==> flow/design.v <==
module cpu_sel_unit_mod #(
    parameter NBITS = 10
) (
    input wire aclk,
    input wire rst_ni,
    input wire [NBITS-1:0] i_src0,
    input wire [NBITS-1:0] i_src1,
    input wire [NBITS-1:0] i_src2,
    input wire [1:0] i_s,
    output reg [NBITS-1:0] o_o
);
    reg [NBITS-1:0] work;
    always @(*) begin
        casez (i_s)
            2'b?1: work = i_src0;
            2'b10: work = i_src1;
            default: work = i_src2;
        endcase
    end
    always @(posedge aclk or negedge rst_ni) begin
        if (!rst_ni) begin
            o_o <= 0;
        end else begin
            o_o <= work;
        end
    end
endmodule
Step by step through the tools: cpu_sel_unit_mod --
The steps from the RTL of cpu_sel_unit_mod to its reports follow in flow order. Line numbers count from 1 in the design file above. Operators: Yosys type, input widths -> output width; for muxes data width and select width s. Not given: n/a
Design: top cpu_sel_unit_mod, clock aclk, standard-cell library sky130hd, library corner tt_025C_1v80

Elaborated design --
Counts by Yosys on the flattened word-level netlist (proc, flatten, opt, wreduce; memories kept). Register bits leave out memories and registers merged into their read ports (data or address); mux counts leave out enables and synchronous resets folded into registers. Print and check cells are left out. Cells with the same type and inputs are merged into one.
Word-level totals: elaborated cells 3, flip-flop bits (word level) 10, output and inout port bits 10
Cells by class: muxes and demuxes 1, equality and inequality tests 1
Operators by type and width (count):
- $pmux 10 s2 | 1
- $eq 2x2->1 const B | 1

Logic depth --
Yosys ltp: most cells in a row. Word level: on the elaborated netlist, between registers, memories and ports. Mapped: between sequential cells and ports; inverters and the memories' decode and read muxes count.
Depth: word-level depth 2, ABC_AREA 0, depth in mapped cells 3, gate-level depth less buffers 2

After synthesis --
The flow's flattened synthesis, as Yosys stat reports it; memories are mapped. The netlist is that of the ABC_AREA named above (0 if unset); the other value can give another one.
Synthesis totals: mapped area 462.9 um2, cells in the netlist 43, flip-flops 10, buffers 3
Cells by type (count):
- sky130_fd_sc_hd__dfrtp_1 | 10
- sky130_fd_sc_hd__mux2i_1 | 10
- sky130_fd_sc_hd__o21ai_1 | 9
- sky130_fd_sc_hd__nand2_1 | 10
- sky130_fd_sc_hd__buf_6 | 1
- sky130_fd_sc_hd__buf_2 | 2
- sky130_fd_sc_hd__o21ai_2 | 1

Worst setup path after synthesis --
Source: OpenSTA report_checks on the synthesized netlist (no wires, ideal clock, input and output delay 20% of the period each), path of least setup slack; recovery checks are left aside. Register names are those of the netlist, which keeps one name where synthesis merged equal registers.
Path after synthesis: path type input to register, from in i_s[1], to reg o_o[9], time at the first pin 0.162 ns, required time 0.692 ns, library setup time 0.120 ns, path delay 0.521 ns, path slack 0.129 ns, path buffers 1, period 0.812 ns, input delay 0.162 ns, arrival 0.563 ns, stages 3, period reached after synthesis 0.683 ns
"path delay" is the arrival time less input delay plus setup time. "stages": output pins that drive a net of the path, with the launching flip-flop's if there is one; two outputs of one cell count as two. "period reached after synthesis" is the clock period less the worst setup slack; recovery checks do not enter. This is arithmetic on one report: input and output delays are still those of the set period (20% each). Between the ends stands the longest chain of elaborated cells between them, by number of cells; it is not shown to be the way that was timed. Of several equally long chains one is given. Each line given opens the expression or statement behind the cell; cells for indexed reads and writes are added by Yosys, which also makes memories of some case tables.
On the way, after synthesis: path through sky130_fd_sc_hd__buf_6 sky130_fd_sc_hd__mux2i_1 sky130_fd_sc_hd__o21ai_2, cells in the longest elaborated chain 2
Ends and longest elaborated chain, after synthesis:
- start: declaration | RTL line 9 | input wire [1:0] i_s,
- $eq 2x2->1 | RTL line 14 | casez (i_s)
- $pmux 10 s2 | RTL line 14
- end: assignment | RTL line 22 | o_o <= 0;
- end: assignment | RTL line 24 | o_o <= work;
- end: declaration | RTL line 10 | output reg [NBITS-1:0] o_o

Timing after layout --
From the final timing report of stored run 1: the path of least setup slack in the routed layout; clock arrival at registers is part of the times.
Path after layout: path type register to output, from reg o_o[4], to out o_o[4], time at the first pin 0.26 ns, path buffers 1, arrival 0.79 ns, required time 0.65 ns, path slack -0.14 ns, stages 2, output delay 0.16 ns, period 0.812 ns
On the way, after layout: path through sky130_fd_sc_hd__dfrtp_1 sky130_fd_sc_hd__buf_6, cells in the longest elaborated chain 0
Ends and longest elaborated chain, after layout:
- start: declaration | RTL line 10 | output reg [NBITS-1:0] o_o
- start: assignment | RTL line 22 | o_o <= 0;
- start: assignment | RTL line 24 | o_o <= work;
- end: declaration | RTL line 10

Flow measurements of cpu_sel_unit_mod on sky130hd: 3 stored runs with different settings, listed in no order. Input and output delays are each 20% of the period that was set; the output load is 0.01 pF.
"time of the worst setup path": the worst setup path's part of the clock period (all of it between registers, 20% less for each end at a port) less its slack. A launch clock that arrives late makes it longer, a capture clock that arrives late makes it shorter.
"power" is the tool's figure for a default switching activity; nothing was simulated.

* Stored run 1 | settings: period_ns 0.812; CAP_MARGIN 20; CORE_MARGIN 2; CORE_UTILIZATION 40; SLEW_MARGIN 20 | results: standard-cell area after layout 989.7 um2; time of the worst setup path 0.79 ns; critical path type register to output; full die area 1445.5 um2; chip area in the Yosys report 462.9 um2; setup slack of the critical path -0.136 ns; power 0.00143 W
* Stored run 2 | settings: period_ns 0.682; CORE_UTILIZATION 28; SETUP_SLACK_MARGIN 0.12; PLACE_DENSITY 0.55; HOLD_SLACK_MARGIN 0.13; CORE_MARGIN 2; CELL_PAD_IN_SITES_GLOBAL_PLACEMENT 3; CELL_PAD_IN_SITES_DETAIL_PLACEMENT 1; GPL_TIMING_DRIVEN 1; CTS_CLUSTER_DIAMETER 146; CAP_MARGIN 35; SLEW_MARGIN 20 | incomplete, placement halted on GPL-0301
* Stored run 3 | settings: period_ns 1.08; CORE_UTILIZATION 66; PLACE_DENSITY_LB_ADDON 0.05; CORE_ASPECT_RATIO 1.43; CORE_MARGIN 6; TNS_END_PERCENT 80; GPL_ROUTABILITY_DRIVEN 0; CTS_CLUSTER_SIZE 19; CTS_CLUSTER_DIAMETER 217; MAX_ROUTING_LAYER met5; CAP_MARGIN 20; SLEW_MARGIN 20 | incomplete, floorplanning halted on PDN-0185
